==> flow/design.v <==
module subtractor_top (ck, i_rst, x, y, diff, borrow);
  parameter DW = 48;
  input ck;
  input i_rst;
  input [DW-1:0] x;
  input [DW-1:0] y;
  output [DW-1:0] diff;
  output borrow;
  wire [DW:0] work;
  assign work = {1'b0, x} - {1'b0, y};
  reg [DW-1:0] r_diff;
  always @(posedge ck) begin
    if (i_rst) begin
      r_diff <= 0;
    end else begin
      r_diff <= work[DW-1:0];
    end
  end
  assign diff = r_diff;
  reg r_borrow;
  always @(posedge ck) begin
    if (i_rst) begin
      r_borrow <= 1'b0;
    end else begin
      r_borrow <= work[DW];
    end
  end
  assign borrow = r_borrow;
endmodule
Step by step through the tools: subtractor_top --
What the tools print for subtractor_top, step after step. Line numbers count from 1 in the design file above. A cell with - has no value.
Design: top subtractor_top, clock port ck, standard-cell library sky130hd, timing corner tt_025C_1v80

Elaborated design --
Yosys after proc, flatten, opt, wreduce and memory -nomap, before mapping. Enables and synchronous resets that opt folds into registers are not counted as muxes. Memory bits, and registers merged into a memory's read port (data or address), are not among the register bits. Print and check cells are not counted. Equal cells are merged and count once.
Storage and ports: register bits 49, latch bits 0, bits in writable memories 0, bits in read-only memories 0, word width x clocked read ports 0, memories kept 0, input port bits 98, output and inout bits 49, word-level cells 3
Operators by class: add/sub/neg operators 1, multiply operators 0, divide/modulo/power cells 0, order comparisons 0, eq/ne operators 0, shift-type cells 0, muxes and demuxes 0, bitwise gates (word level) 0, reduce/logical cells 0
Operators with widths (count):
- 48-bit by 48-bit subtractor with 49-bit output | 1

Longest topological paths --
Yosys ltp: most cells in a row. Word level: on the elaborated netlist, between registers, memories and ports. Mapped: between sequential cells and ports; inverters and the memories' decode and read muxes count.
Depth: depth in word-level cells 1, ABC_AREA 0, gate-level depth with buffers 12, mapped depth without buffers 12

Synthesis result --
The flow's flattened synthesis, as Yosys stat reports it; memories are mapped. The netlist is that of the ABC_AREA named above (0 if unset); the other value can give another one. Totals and module areas in this step are rounded.
Mapped netlist: cells in the netlist 543, mapped area 4075 sq um, area of sequential cells 980.9 sq um, flip-flops 49, buffer cells 20
Cells by type:
- sky130_fd_sc_hd__dfxtp_1 | count 49, area in all 980.941 sq um
- sky130_fd_sc_hd__ha_1 | count 48, area in all 600.576 sq um
- sky130_fd_sc_hd__nor2_1 | count 73, area in all 274.013 sq um
- sky130_fd_sc_hd__a21oi_1 | count 47, area in all 235.226 sq um
- sky130_fd_sc_hd__inv_1 | count 59, area in all 221.462 sq um
- sky130_fd_sc_hd__xor2_1 | count 20, area in all 175.168 sq um
- sky130_fd_sc_hd__a21o_1 | count 23, area in all 172.666 sq um
- sky130_fd_sc_hd__xnor2_1 | count 17, area in all 148.893 sq um
- sky130_fd_sc_hd__o21ai_0 | count 28, area in all 140.134 sq um
- sky130_fd_sc_hd__nand2_1 | count 35, area in all 131.376 sq um
- sky130_fd_sc_hd__nand4_1 | count 14, area in all 87.584 sq um
- sky130_fd_sc_hd__clkbuf_1 | count 18, area in all 67.565 sq um
- sky130_fd_sc_hd__o21bai_1 | count 9, area in all 67.565 sq um
- sky130_fd_sc_hd__nor2b_1 | count 10, area in all 62.56 sq um
- sky130_fd_sc_hd__nor3_1 | count 12, area in all 60.058 sq um
- sky130_fd_sc_hd__a211oi_1 | count 7, area in all 52.55 sq um
- sky130_fd_sc_hd__o21a_1 | count 6, area in all 45.043 sq um
- sky130_fd_sc_hd__a31oi_1 | count 6, area in all 37.536 sq um
Other cell types: 38; their cells: 62.

Worst setup path after synthesis --
OpenSTA on the mapped netlist: ideal clock, no wires. The path of least setup slack (recovery checks aside). Input and output delay are each 20% of the period. Register names are those of the netlist, which keeps one name where synthesis merged equal registers.
Path after synthesis: path type input port to flip-flop, start input port y[3], end register r_diff[45], clock period 3.82 ns, input delay 0.764 ns, setup time 0.121 ns, time at the first pin 0.764 ns, data arrival time 3.090 ns, required time 3.699 ns, path slack 0.609 ns, path delay 2.447 ns, driving pins on the path 11, path buffers 0, synthesis period reached 3.211 ns
"path delay" = arrival - input delay + setup time. "driving pins on the path": output pins that drive a net of the path, with the launching flip-flop's if there is one; two outputs of one cell count as two. "synthesis period reached" is the clock period less the worst setup slack; recovery checks do not enter. This is arithmetic on one report: input and output delays are still those of the set period (20% each). The rows between start and end are the longest chain of elaborated cells between them; the timing report does not say that the signal goes this way. Where chains are equally long, one stands for them. A line is the first line of the expression or statement that the cell stems from. Yosys adds cells for indexed reads and writes and turns some case tables into memories.
On the way, after synthesis: cells stage by stage sky130_fd_sc_hd__inv_1 -> sky130_fd_sc_hd__ha_1 -> sky130_fd_sc_hd__and2_4 -> sky130_fd_sc_hd__a221oi_2 -> sky130_fd_sc_hd__a211oi_1 -> sky130_fd_sc_hd__o311a_1 -> sky130_fd_sc_hd__a211o_1 -> sky130_fd_sc_hd__and4bb_4 -> sky130_fd_sc_hd__o2111ai_2 -> sky130_fd_sc_hd__a21oi_1 -> sky130_fd_sc_hd__mux2_4, length of the longest elaborated chain 1, elaborated cells between the ends (all ways) 1, RTL lines with such cells 1, those cells by class 1 x add/sub
Ends and longest elaborated chain, after synthesis:
- from (decl) | line 6 | input [DW-1:0] y;
- 48-bit by 48-bit subtractor with 49-bit output | line 10 | assign work = {1'b0, x} - {1'b0, y};
- to (assign) | line 14 | r_diff <= 0;
- to (assign) | line 16 | r_diff <= work[DW-1:0];
- to (decl) | line 11 | reg [DW-1:0] r_diff;

Worst path after layout --
Path of least setup slack in the final report of flow run 3 (OpenROAD, finished layout, wires in). Where an end is a register, its clock arrival counts in the times.
Path after layout: path type input port to flip-flop, start input port y[1], end register r_diff[47], clock period 3.82 ns, input delay 0.76 ns, setup time 0.10 ns, time at the first pin 0.76 ns, data arrival time 3.69 ns, required time 4.04 ns, path slack 0.35 ns, driving pins on the path 12, path buffers 1
The rows between start and end are the longest chain of elaborated cells between them; the timing report does not say that the signal goes this way. Where chains are equally long, one stands for them.
On the way, after layout: cells stage by stage sky130_fd_sc_hd__clkdlybuf4s50_1 -> sky130_fd_sc_hd__inv_1 -> sky130_fd_sc_hd__ha_1 -> sky130_fd_sc_hd__nor2b_1 -> sky130_fd_sc_hd__o211ai_1 -> sky130_fd_sc_hd__a211oi_1 -> sky130_fd_sc_hd__o21bai_1 -> sky130_fd_sc_hd__a21oi_1 -> sky130_fd_sc_hd__o21ai_0 -> sky130_fd_sc_hd__a21oi_1 -> sky130_fd_sc_hd__o21ai_0 -> sky130_fd_sc_hd__mux2_2, length of the longest elaborated chain 1, elaborated cells between the ends (all ways) 1, RTL lines with such cells 1, those cells by class 1 x add/sub
Ends and longest elaborated chain, after layout:
- from (decl) | line 6 | input [DW-1:0] y;
- 48-bit by 48-bit subtractor with 49-bit output | line 10 | assign work = {1'b0, x} - {1'b0, y};
- to (assign) | line 14 | r_diff <= 0;
- to (assign) | line 16 | r_diff <= work[DW-1:0];
- to (decl) | line 11 | reg [DW-1:0] r_diff;

Subject: subtractor_top on sky130hd, stored results

Hello all,

Measured data: module subtractor_top, platform sky130hd, 3 stored runs of the flow under differing settings, order arbitrary. Input and output delays are each 20% of the period that was set; the output load is 0.01 pF.
"clock period reached" = clock period - worst setup slack. The figure is calculated, with input and output delays left at 20% of the set period.
"critical setup path time" means the part of the period allowed to the worst setup path (the constraints hold back 20% at inputs and 20% at outputs) less its slack; where the path has registers, the arrival times of their clocks count too.
"total power after layout" rests on the timing tool's default activity at the inputs, not on a simulated workload.
Results are given in rounded form.

[flow run 1] flow files
==> flow/run.sh <==
#!/bin/bash
# the make line also repeats the synthesis and layout settings of config.mk as NAME=value (left out here)
make -C /OpenROAD-flow-scripts/flow DESIGN_CONFIG=/design/flow/config.mk WORK_HOME=/design/flow/orfs CLKGATE_MAP_FILE= finish
==> flow/config.mk <==
export PLATFORM = sky130hd
export DESIGN_NAME = subtractor_top
export DESIGN_NICKNAME = subtractor_top
export VERILOG_FILES = /design/flow/design.v
export SDC_FILE = /design/flow/constraint.sdc
export NUM_CORES = 4
export LEC_CHECK = 0
export CAP_MARGIN = 20
export CELL_PAD_IN_SITES_DETAIL_PLACEMENT = 2
export CORE_ASPECT_RATIO = 0.94
export CORE_MARGIN = 2
export CORE_UTILIZATION = 40
export CTS_CLUSTER_DIAMETER = 42
export CTS_CLUSTER_SIZE = 57
export PLACE_DENSITY = 0.42
export SLEW_MARGIN = 20
export TNS_END_PERCENT = 65
==> flow/constraint.sdc <==
create_clock -name core_clock -period 3.88 [get_ports {ck}]
set_input_delay 0.7760 -clock core_clock [delete_from_list [all_inputs] [get_ports {ck}]]
set_output_delay 0.7760 -clock core_clock [all_outputs]
set_load 0.01 [all_outputs]

[flow run 1] result: stopped before the end: placement reported DPL-0033

[flow run 2] flow files
==> flow/run.sh <==
#!/bin/bash
# the make line also repeats the synthesis and layout settings of config.mk as NAME=value (left out here)
make -C /OpenROAD-flow-scripts/flow DESIGN_CONFIG=/design/flow/config.mk WORK_HOME=/design/flow/orfs CLKGATE_MAP_FILE= finish
==> flow/config.mk <==
export PLATFORM = sky130hd
export DESIGN_NAME = subtractor_top
export DESIGN_NICKNAME = subtractor_top
export VERILOG_FILES = /design/flow/design.v
export SDC_FILE = /design/flow/constraint.sdc
export NUM_CORES = 4
export LEC_CHECK = 0
export ABC_AREA = 1
export CAP_MARGIN = 20
export CELL_PAD_IN_SITES_GLOBAL_PLACEMENT = 1
export CORE_MARGIN = 6
export CORE_UTILIZATION = 65
export PLACE_DENSITY_LB_ADDON = 0.3
export SLEW_MARGIN = 20
export TNS_END_PERCENT = 55
==> flow/constraint.sdc <==
create_clock -name core_clock -period 4.25 [get_ports {ck}]
set_input_delay 0.8500 -clock core_clock [delete_from_list [all_inputs] [get_ports {ck}]]
set_output_delay 0.8500 -clock core_clock [all_outputs]
set_load 0.01 [all_outputs]

[flow run 2] result: stopped before the end: placement reported FLW-0024

[flow run 3] flow files
==> flow/run.sh <==
#!/bin/bash
# the make line also repeats the synthesis and layout settings of config.mk as NAME=value (left out here)
make -C /OpenROAD-flow-scripts/flow DESIGN_CONFIG=/design/flow/config.mk WORK_HOME=/design/flow/orfs CLKGATE_MAP_FILE= finish
==> flow/config.mk <==
export PLATFORM = sky130hd
export DESIGN_NAME = subtractor_top
export DESIGN_NICKNAME = subtractor_top
export VERILOG_FILES = /design/flow/design.v
export SDC_FILE = /design/flow/constraint.sdc
export NUM_CORES = 4
export LEC_CHECK = 0
export CAP_MARGIN = 20
export CORE_MARGIN = 2
export CORE_UTILIZATION = 40
export SLEW_MARGIN = 20
==> flow/constraint.sdc <==
create_clock -name core_clock -period 3.82 [get_ports {ck}]
set_input_delay 0.7640 -clock core_clock [delete_from_list [all_inputs] [get_ports {ck}]]
set_output_delay 0.7640 -clock core_clock [all_outputs]
set_load 0.01 [all_outputs]

[flow run 3] result: Yosys chip area after synthesis 4075 sq um; overall die area 11010 sq um; final utilization 59.2%; worst setup slack after layout 0.348 ns; total power after layout 1.819 mW; clock period reached 3.472 ns; critical setup path time 2.71 ns; critical path kind input port to flip-flop

Thanks
